==> flow/design.v <==
module alu_cmp #(
    parameter NBITS = 28
) (
    input aclk,
    input en,
    input signed [NBITS-1:0] op_a,
    input signed [NBITS-1:0] op_b,
    output below,
    output a_eq_b,
    output a_gt_b
);
    reg signed [NBITS-1:0] op_a_ff;
    reg signed [NBITS-1:0] op_b_ff;
    always @(posedge aclk) begin
        if (en) begin
            op_a_ff <= op_a;
            op_b_ff <= op_b;
        end
    end
    assign below = (op_a_ff < op_b_ff);
    assign a_eq_b = (op_a_ff == op_b_ff);
    assign a_gt_b = (op_a_ff > op_b_ff);
endmodule
Reports on alu_cmp
Tool output for the design above, in the order of the flow. Line numbers count from 1 in the design file above. Library cell names are shortened. The mark - stands for no value.

Top module: alu_cmp. Clock port: aclk. Library: sky130hd. Timing corner: tt_025C_1v80.

Elaborated design
Counts by Yosys on the flattened word-level netlist (proc, flatten, opt, wreduce; memories kept). Register bits leave out memories and registers merged into their read ports (data or address); mux counts leave out enables and synchronous resets folded into registers. Print and check cells are left out. Cells with the same type and inputs are merged into one.

For register bits the number is 56. The entry for output and inout port bits reads 3. Under cells after elaboration stands 5.

Magnitude comparators: 2. Under equal/unequal tests stands 1.

Operator list (number): greater-than comparator 28 bit (1); less-than comparator 28 bit (1); == test 28 bit (1).

Longest topological paths
Yosys ltp: most cells in a row. Word level: on the elaborated netlist, between registers, memories and ports. Mapped: between sequential cells and ports; inverters and the memories' decode and read muxes count.

Under depth after elaboration stands 1. For ABC_AREA the number is 0. The entry for mapped depth reads 8. The entry for depth with buffers taken out reads 8.

Synthesis result
Source: synth_stat.txt of the flow (Yosys; design flattened, memories mapped). It holds for the ABC_AREA given above (unset counts as 0); a run with the other value may have another netlist. The area totals of this step are shown rounded.

Cell types (number): edfxtp_1 (56); ha_1 (28); inv_1 (29); a21oi_1 (14); nand4_1 (6); nand2_1 (8); o21ai_0 (3); o21ai_1 (3); nor2b_4 (1); a31oi_2 (1); nand4_2 (1); nor4_2 (1); o211ai_2 (1); mux2i_1 (1); nor3_1 (2); a221oi_1 (1); nand2b_2 (1); xnor2_1 (1).

Other cell types: 4; their cells: 4.

Mapped cells: 162. For synthesis area the number is 2442 um2. The figure for mapped flip-flops is 56.

Path before layout
Source: OpenSTA report_checks on the synthesized netlist (no wires, ideal clock, input and output delay 20% of the period each), path of least setup slack; recovery checks are left aside. Register names are those of the netlist, which keeps one name where synthesis merged equal registers.

Path type: flip-flop to output port. Start: register op_a_ff[1]. End: output a_gt_b. Clock period: 2810 ps. Under external output delay stands 562 ps. For launch time at the first pin the number is 0 ps. The figure for arrival is 1796 ps. Slack: 452 ps. The figure for delay of the path is 1796 ps. The figure for stages on the path is 8. The figure for buffers on the path is 0. The figure for synthesis period reached is 2358 ps.

"delay of the path" is the arrival time less input delay plus setup time. At an output port there is no setup time. "stages on the path": output pins that drive a net of the path, with the launching flip-flop's if there is one; two outputs of one cell count as two. "synthesis period reached" = period - worst setup slack (recovery checks aside). The figure is calculated, with input and output delays left at 20% of the set period. The rows between start and end are the longest chain of elaborated cells between them; the timing report does not say that the signal goes this way. Where chains are equally long, one stands for them. A line is the first line of the expression or statement that the cell stems from. Yosys adds cells for indexed reads and writes and turns some case tables into memories.

Cell sequence: edfxtp_1 > ha_1 > nor2b_4 > o211ai_2 > a21oi_1 > or3_1 > a31oi_2 > mux2i_1. The figure for cells in the longest elaborated chain is 1.

Ends and longest elaborated chain, after synthesis: start, declared (RTL line 12) `reg signed [NBITS-1:0] op_a_ff;`; start, assigned (RTL line 16) `op_a_ff <= op_a;`; greater-than comparator 28 bit (RTL line 22) `assign a_gt_b = (op_a_ff > op_b_ff);`; end, declared (RTL line 10) `output a_gt_b`.

Path in the finished layout
From the final timing report of run A: the path of least setup slack in the routed layout; clock arrival at registers is part of the times. The path's times are printed in steps of 10 ps; the period is the one set.

Path type: flip-flop to output port. Start: register op_a_ff[1]. End: output a_gt_b. Clock period: 2810 ps. Under external output delay stands 560 ps. For launch time at the first pin the number is 290 ps. The figure for arrival is 2210 ps. Slack: 40 ps. The figure for stages on the path is 9. The figure for buffers on the path is 1.

The rows between start and end are the longest chain of elaborated cells between them; the timing report does not say that the signal goes this way. Where chains are equally long, one stands for them.

Cell sequence: edfxtp_1 > ha_1 > nor2b_4 > o211ai_2 > a21oi_1 > or3_4 > a31oi_4 > mux2i_1 > buf_2. The figure for cells in the longest elaborated chain is 1.

Ends and longest elaborated chain, after layout: start, declared (RTL line 12) `reg signed [NBITS-1:0] op_a_ff;`; start, assigned (RTL line 16) `op_a_ff <= op_a;`; greater-than comparator 28 bit (RTL line 22) `assign a_gt_b = (op_a_ff > op_b_ff);`; end, declared (RTL line 10) `output a_gt_b`.

Hand-over note for alu_cmp

3 stored runs of alu_cmp in the flow (synthesis by Yosys, layout by OpenROAD, sky130hd cells), in arbitrary order. Constraints: input delay and output delay 20% of the set period each, output load 0.01 pF. "achieved period": clock period set for the run, less the worst setup slack. It is reckoned from that one timing run; input and output delays stay at 20% of the period that was set. By "time of the worst setup path" is meant the share of the clock period that the worst setup path is allowed (20% is reserved at inputs, 20% at outputs), minus its slack. Clock arrival times at its registers enter into it. "time of the worst setup path" is known to 10 ps. Results are given in rounded form.

Files of run A:
==> flow/run.sh <==
#!/bin/bash
# the make line also repeats the synthesis and layout settings of config.mk as NAME=value (left out here)
make -C /OpenROAD-flow-scripts/flow DESIGN_CONFIG=/design/flow/config.mk WORK_HOME=/design/flow/orfs CLKGATE_MAP_FILE= finish
==> flow/config.mk <==
export PLATFORM = sky130hd
export DESIGN_NAME = alu_cmp
export DESIGN_NICKNAME = alu_cmp
export VERILOG_FILES = /design/flow/design.v
export SDC_FILE = /design/flow/constraint.sdc
export NUM_CORES = 4
export LEC_CHECK = 0
export CAP_MARGIN = 20
export CORE_MARGIN = 2
export CORE_UTILIZATION = 40
export SLEW_MARGIN = 20
==> flow/constraint.sdc <==
create_clock -name core_clock -period 2.81 [get_ports {aclk}]
set_input_delay 0.5620 -clock core_clock [delete_from_list [all_inputs] [get_ports {aclk}]]
set_output_delay 0.5620 -clock core_clock [all_outputs]
set_load 0.01 [all_outputs]

Results of run A. The measured worst setup slack after layout is 37 ps. The measured summed negative setup slack is 0 ps. The area of the synthesized netlist is 2,442 um2. For the achieved period the run shows 2,773 ps. For the utilization in the final report the run shows 55.7%. The area inside the die boundary stands at 6,747 um2. The time of the worst setup path is 2,210 ps. Critical path type: flip-flop to output port. The standard-cell area after layout reads 3,297 um2.

Files of run B:
==> flow/run.sh <==
#!/bin/bash
# the make line also repeats the synthesis and layout settings of config.mk as NAME=value (left out here)
make -C /OpenROAD-flow-scripts/flow DESIGN_CONFIG=/design/flow/config.mk WORK_HOME=/design/flow/orfs CLKGATE_MAP_FILE= finish
==> flow/config.mk <==
export PLATFORM = sky130hd
export DESIGN_NAME = alu_cmp
export DESIGN_NICKNAME = alu_cmp
export VERILOG_FILES = /design/flow/design.v
export SDC_FILE = /design/flow/constraint.sdc
export NUM_CORES = 4
export LEC_CHECK = 0
export CAP_MARGIN = 30
export CELL_PAD_IN_SITES_GLOBAL_PLACEMENT = 2
export CORE_ASPECT_RATIO = 1.74
export CORE_MARGIN = 2
export CORE_UTILIZATION = 44
export CTS_CLUSTER_SIZE = 95
export GPL_ROUTABILITY_DRIVEN = 1
export MAX_ROUTING_LAYER = met4
export MIN_ROUTING_LAYER = met2
export PLACE_DENSITY = 0.69
export SLEW_MARGIN = 20
export TNS_END_PERCENT = 65
==> flow/constraint.sdc <==
create_clock -name core_clock -period 2.13 [get_ports {aclk}]
set_input_delay 0.4260 -clock core_clock [delete_from_list [all_inputs] [get_ports {aclk}]]
set_output_delay 0.4260 -clock core_clock [all_outputs]
set_load 0.01 [all_outputs]

Results of run B. The measured worst setup slack after layout is -513 ps. The measured summed negative setup slack is -1,213 ps. The area of the synthesized netlist is 2,442 um2. For the achieved period the run shows 2,643 ps. For the utilization in the final report the run shows 65.7%. The area inside the die boundary stands at 6,186 um2. The time of the worst setup path is 2,220 ps. Critical path type: flip-flop to output port. The standard-cell area after layout reads 3,511 um2.

Files of run C:
==> flow/run.sh <==
#!/bin/bash
# the make line also repeats the synthesis and layout settings of config.mk as NAME=value (left out here)
make -C /OpenROAD-flow-scripts/flow DESIGN_CONFIG=/design/flow/config.mk WORK_HOME=/design/flow/orfs CLKGATE_MAP_FILE= finish
==> flow/config.mk <==
export PLATFORM = sky130hd
export DESIGN_NAME = alu_cmp
export DESIGN_NICKNAME = alu_cmp
export VERILOG_FILES = /design/flow/design.v
export SDC_FILE = /design/flow/constraint.sdc
export NUM_CORES = 4
export LEC_CHECK = 0
export CAP_MARGIN = 0
export CELL_PAD_IN_SITES_DETAIL_PLACEMENT = 0
export CELL_PAD_IN_SITES_GLOBAL_PLACEMENT = 0
export CORE_ASPECT_RATIO = 1.86
export CORE_MARGIN = 2
export CORE_UTILIZATION = 29
export CTS_CLUSTER_SIZE = 14
export SETUP_SLACK_MARGIN = 0.52
export SLEW_MARGIN = 20
export TNS_END_PERCENT = 45
==> flow/constraint.sdc <==
create_clock -name core_clock -period 3.08 [get_ports {aclk}]
set_input_delay 0.6160 -clock core_clock [delete_from_list [all_inputs] [get_ports {aclk}]]
set_output_delay 0.6160 -clock core_clock [all_outputs]
set_load 0.01 [all_outputs]

Results of run C. The measured worst setup slack after layout is 279 ps. The measured summed negative setup slack is 0 ps. The area of the synthesized netlist is 2,442 um2. For the achieved period the run shows 2,801 ps. For the utilization in the final report the run shows 41.9%. The area inside the die boundary stands at 9,208 um2. The time of the worst setup path is 2,180 ps. Critical path type: flip-flop to output port. The standard-cell area after layout reads 3,420 um2.

End of note.
